==> flow/design.v <==
module cpu_sum_block #(
    parameter NBITS = 8
) (
    input wire clk_i,
    input wire [NBITS-1:0] i_x,
    input wire [NBITS-1:0] i_y,
    input wire i_cin,
    output wire [NBITS-1:0] o_sum,
    output wire o_co
);
    reg [NBITS-1:0] x_q;
    reg [NBITS-1:0] y_q;
    reg cin_q;
    always @(posedge clk_i) begin
        x_q <= i_x;
        y_q <= i_y;
        cin_q <= i_cin;
    end
    localparam NG = NBITS / 4;
    wire [NBITS-1:0] val;
    wire [NG:0] chain;
    assign chain[0] = cin_q;
    genvar gi;
    generate
        for (gi = 0; gi < NG; gi = gi + 1) begin : u_g
            la4 unit (.a(x_q[4*gi +: 4]), .b(y_q[4*gi +: 4]), .ci(chain[gi]), .s(val[4*gi +: 4]), .co(chain[gi+1]));
        end
    endgenerate
    assign o_sum = val;
    assign o_co = chain[NG];
endmodule
module la4 (
    input wire [3:0] a,
    input wire [3:0] b,
    input wire ci,
    output wire [3:0] s,
    output wire co
);
    wire [3:0] g = a & b;
    wire [3:0] p = a ^ b;
    wire c1 = g[0] | (p[0] & ci);
    wire c2 = g[1] | (p[1] & g[0]) | (p[1] & p[0] & ci);
    wire c3 = g[2] | (p[2] & g[1]) | (p[2] & p[1] & g[0]) | (p[2] & p[1] & p[0] & ci);
    assign co = g[3] | (p[3] & g[2]) | (p[3] & p[2] & g[1]) | (p[3] & p[2] & p[1] & g[0]) | (&p & ci);
    assign s = p ^ {c3, c2, c1, ci};
endmodule
From RTL to reports: cpu_sum_block
What the tools print for cpu_sum_block, step after step.
Line numbers count from 1 in the design file above.
Library cell names are shortened.
{"block": "inputs", "top": "cpu_sum_block", "clock": "clk_i", "lib": "sky130hd", "lib_corner": "tt_025C_1v80"}

Word-level counts
Yosys after proc, flatten, opt, wreduce and memory -nomap, before mapping. Enables and synchronous resets that opt folds into registers are not counted as muxes. Memory bits, and registers merged into a memory's read port (data or address), are not among the register bits. Print and check cells are not counted. Equal cells are merged and count once.
{"block": "bits", "ff_bits": 17, "input_bits": 18, "ram_bits": 0, "output_inout_bits": 9, "n_memories": 0, "rom_bits": 0, "latch_bits": 0, "clocked_rd_ports_x_width": 0, "wordCells": 61}
{"block": "classes", "n_shift": 0, "addsub": 0, "bitwise": 56, "n_mul": 0, "mux": 0, "div_mod_pow": 0, "n_cmp": 0, "eq_ne": 0, "reduce_and_logical": 2}
{"block": "op_table", "op": "AND 1 bit", "count": 30}
{"block": "op_table", "op": "bitwise OR 1 bit", "count": 20}
{"block": "op_table", "op": "bitwise XOR 4 bit", "count": 4}
{"block": "op_table", "op": "AND 4 bit", "count": 2}
{"block": "op_table", "op": "AND reduction 4 bit", "count": 2}

Longest topological paths
Depth = most cells in a row (Yosys ltp): at word level without a register or memory, in the mapped netlist without a sequential cell, where the memories' decode and read muxes count.
{"block": "logic_depth", "word_depth": 9, "ABC_AREA": 0, "mapped_depth": 6, "mapped_depth_nobuf": 6}

Netlist
Source: synth_stat.txt of the flow (Yosys; design flattened, memories mapped). It holds for the ABC_AREA given above (unset counts as 0); a run with the other value may have another netlist.
{"block": "mapped", "seqArea_um2": 340.3, "flip_flops": 17, "cell_count": 53, "mapped_area_um2": 661.9, "buf_cells": 0}
{"block": "types", "cell": "dfxtp_1", "count": 17, "type_area_um2": 340.326}
{"block": "types", "cell": "ha_1", "count": 8, "type_area_um2": 100.096}
{"block": "types", "cell": "fa_1", "count": 2, "type_area_um2": 40.038}
{"block": "types", "cell": "xor2_1", "count": 3, "type_area_um2": 26.275}
{"block": "types", "cell": "inv_1", "count": 5, "type_area_um2": 18.768}
{"block": "types", "cell": "xnor2_1", "count": 2, "type_area_um2": 17.517}
{"block": "types", "cell": "o211ai_2", "count": 1, "type_area_um2": 12.512}
{"block": "types", "cell": "or2_2", "count": 2, "type_area_um2": 12.512}
{"block": "types", "cell": "o41a_1", "count": 1, "type_area_um2": 11.261}
{"block": "types", "cell": "nand3_1", "count": 2, "type_area_um2": 10.01}
{"block": "types", "cell": "a21o_2", "count": 1, "type_area_um2": 8.758}
{"block": "types", "cell": "a21oi_2", "count": 1, "type_area_um2": 8.758}
{"block": "types", "cell": "o31a_1", "count": 1, "type_area_um2": 8.758}
{"block": "types", "cell": "o32ai_1", "count": 1, "type_area_um2": 8.758}
{"block": "types", "cell": "a211oi_1", "count": 1, "type_area_um2": 7.507}
{"block": "types", "cell": "a21o_1", "count": 1, "type_area_um2": 7.507}
{"block": "types", "cell": "o21a_1", "count": 1, "type_area_um2": 7.507}
{"block": "types", "cell": "o21bai_1", "count": 1, "type_area_um2": 7.507}
Not listed: further types 2, cells in them 2.
The figures by module come from a second, unflattened synthesis with its own total; it is not the netlist above.
{"block": "unflattened", "hier_cells": 51, "hier_area_um2": 635.6}
Rows give one instance, submodules left out.
{"block": "by_module", "mod": "cpu_sum_block", "n_cells": 17, "instances": 1, "mod_seq_area_um2": 340.3, "mod_area_um2": 340.3}
{"block": "by_module", "mod": "la4", "n_cells": 17, "instances": 2, "mod_seq_area_um2": 0.0, "mod_area_um2": 147.6}

Worst setup path after synthesis
Source: OpenSTA report_checks on the synthesized netlist (no wires, ideal clock, input and output delay 20% of the period each), path of least setup slack; recovery checks are left aside. Register names are those of the netlist, which keeps one name where synthesis merged equal registers.
{"block": "synth_path", "path_kind": "reg2out", "from": "reg y_q[0]", "to": "out o_sum[5]", "path_stages": 7, "setup_slack_ns": 0.440, "required_ns": 2.216, "out_delay_ns": 0.554, "path_delay_ns": 1.776, "period_ns": 2.77, "arrival_ns": 1.776, "path_buffers": 0, "launch_ns": 0.000, "synth_period_reached_ns": 2.33}
"path_delay_ns" = arrival - input delay + setup time.
At an output port there is no setup time.
"path_stages": output pins that drive a net of the path, with the launching flip-flop's if there is one; two outputs of one cell count as two.
"synth_period_reached_ns" = period - worst setup slack (recovery checks aside). The figure is calculated, with input and output delays left at 20% of the set period.
Between the ends stands the longest chain of elaborated cells between them, by number of cells; it is not shown to be the way that was timed. Of several equally long chains one is given.
Each line given opens the expression or statement behind the cell; cells for indexed reads and writes are added by Yosys, which also makes memories of some case tables.
{"block": "synth_via", "cell_sequence": "dfxtp_1 ha_1 a21oi_2 o211ai_2 or2_2 fa_1 xor2_1", "elab_chain_cells": 7, "cells_between": 10, "cone_lines": 5, "classes_between": "logic: 9; reduce/logical: 1"}
{"block": "synth_lines", "item": "from (decl)", "line": 12, "rtl": "reg [NBITS-1:0] y_q;"}
{"block": "synth_lines", "item": "from (assign)", "line": 16, "rtl": "y_q <= i_y;"}
{"block": "synth_lines", "item": "AND 4 bit", "line": 39, "rtl": "wire [3:0] g = a & b;"}
{"block": "synth_lines", "item": "AND 1 bit", "line": 44, "rtl": "assign co = g[3] | (p[3] & g[2]) | (p[3] & p[2] & g[1]) | (p[3] & p[2] & p[1] & g[0]) | (&p & ci);"}
{"block": "synth_lines", "item": "bitwise OR 1 bit (2 in a row)", "line": 44}
{"block": "synth_lines", "item": "AND 1 bit", "line": 41, "rtl": "wire c1 = g[0] | (p[0] & ci);"}
{"block": "synth_lines", "item": "bitwise OR 1 bit", "line": 41}
{"block": "synth_lines", "item": "bitwise XOR 4 bit", "line": 45, "rtl": "assign s = p ^ {c3, c2, c1, ci};"}
{"block": "synth_lines", "item": "to (decl)", "line": 8, "rtl": "output wire [NBITS-1:0] o_sum,"}

Timing after layout
From the final timing report of run 1: the path of least setup slack in the routed layout; clock arrival at registers is part of the times.
{"block": "layout_path", "path_kind": "reg2out", "from": "reg x_q[0]", "to": "out o_sum[5]", "path_buffers": 1, "setup_slack_ns": -0.60, "required_ns": 1.43, "out_delay_ns": 0.36, "arrival_ns": 2.03, "period_ns": 1.79, "path_stages": 8, "launch_ns": 0.29}
Between the ends stands the longest chain of elaborated cells between them, by number of cells; it is not shown to be the way that was timed. Of several equally long chains one is given.
{"block": "layout_via", "cell_sequence": "dfxtp_4 ha_4 a21oi_4 o211ai_2 or2_4 fa_2 xor2_2 buf_2", "elab_chain_cells": 7, "cells_between": 10, "cone_lines": 5, "classes_between": "logic: 9; reduce/logical: 1"}
{"block": "layout_lines", "item": "from (decl)", "line": 11, "rtl": "reg [NBITS-1:0] x_q;"}
{"block": "layout_lines", "item": "from (assign)", "line": 15, "rtl": "x_q <= i_x;"}
{"block": "layout_lines", "item": "AND 4 bit", "line": 39, "rtl": "wire [3:0] g = a & b;"}
{"block": "layout_lines", "item": "AND 1 bit", "line": 44, "rtl": "assign co = g[3] | (p[3] & g[2]) | (p[3] & p[2] & g[1]) | (p[3] & p[2] & p[1] & g[0]) | (&p & ci);"}
{"block": "layout_lines", "item": "bitwise OR 1 bit (2 in a row)", "line": 44}
{"block": "layout_lines", "item": "AND 1 bit", "line": 41, "rtl": "wire c1 = g[0] | (p[0] & ci);"}
{"block": "layout_lines", "item": "bitwise OR 1 bit", "line": 41}
{"block": "layout_lines", "item": "bitwise XOR 4 bit", "line": 45, "rtl": "assign s = p ^ {c3, c2, c1, ci};"}
{"block": "layout_lines", "item": "to (decl)", "line": 8, "rtl": "output wire [NBITS-1:0] o_sum,"}

Data sheet: physical implementation of cpu_sum_block

Measured results for cpu_sum_block: 3 stored runs of the Yosys and OpenROAD flow on sky130hd. The settings differ; the order carries no meaning. The constraints put input and output delay at 20% of the set period each and load the outputs with 0.01 pF.
"achieved_period_ns" is the run's clock period less its worst setup slack. It is reckoned from that one timing run; input and output delays stay at 20% of the period that was set.
"worst_path_allowed_less_slack_ns": the worst setup path's part of the clock period (all of it between registers, 20% less for each end at a port) less its slack. A launch clock that arrives late makes it longer, a capture clock that arrives late makes it shorter.
"power_mw" is the tool's figure for a default switching activity; nothing was simulated.

{"run": "run 1", "settings": { "period_ns": 1.79, "CORE_UTILIZATION": 30, "PLACE_DENSITY_LB_ADDON": 0.04, "CORE_ASPECT_RATIO": 0.96, "CORE_MARGIN": 5, "CELL_PAD_IN_SITES_GLOBAL_PLACEMENT": 3, "CELL_PAD_IN_SITES_DETAIL_PLACEMENT": 2, "ABC_AREA": 0, "MAX_ROUTING_LAYER": "met5", "CAP_MARGIN": 20, "SLEW_MARGIN": 20 }, "results": { "setup_worst_slack_ns": -0.597, "utilization_frac": 0.567, "design.die.area_um2": 3245.8, "post_synth_area_um2": 661.9, "worst_path_allowed_less_slack_ns": 2.03, "timing.worst_path_kind": "reg2out", "achieved_period_ns": 2.387, "power_mw": 0.9385, "timing.setup.tns_ns": -3.564, "hold_worst_slack_ns": 0.492 }}
{"run": "run 2", "settings": { "period_ns": 2.77, "CAP_MARGIN": 20, "CORE_MARGIN": 2, "CORE_UTILIZATION": 40, "SLEW_MARGIN": 20 }, "results": { "setup_worst_slack_ns": 0.100, "utilization_frac": 0.65, "design.die.area_um2": 1996.3, "post_synth_area_um2": 661.9, "worst_path_allowed_less_slack_ns": 2.12, "timing.worst_path_kind": "reg2out", "achieved_period_ns": 2.670, "power_mw": 0.5447, "timing.setup.tns_ns": 0.000, "hold_worst_slack_ns": 0.689 }}
{"run": "run 3", "settings": { "period_ns": 1.54, "CORE_UTILIZATION": 17, "SETUP_SLACK_MARGIN": 0.28, "HOLD_SLACK_MARGIN": -0.04, "CELL_PAD_IN_SITES_GLOBAL_PLACEMENT": 3, "CELL_PAD_IN_SITES_DETAIL_PLACEMENT": 0, "TNS_END_PERCENT": 95, "ABC_AREA": 1, "CTS_CLUSTER_SIZE": 44, "CAP_MARGIN": 30, "CORE_MARGIN": 2, "SLEW_MARGIN": 20 }, "results": { "setup_worst_slack_ns": -0.484, "utilization_frac": 0.326, "design.die.area_um2": 4682.7, "post_synth_area_um2": 705.7, "worst_path_allowed_less_slack_ns": 1.72, "timing.worst_path_kind": "reg2out", "achieved_period_ns": 2.024, "power_mw": 1.171, "timing.setup.tns_ns": -3.424, "hold_worst_slack_ns": 0.490 }}
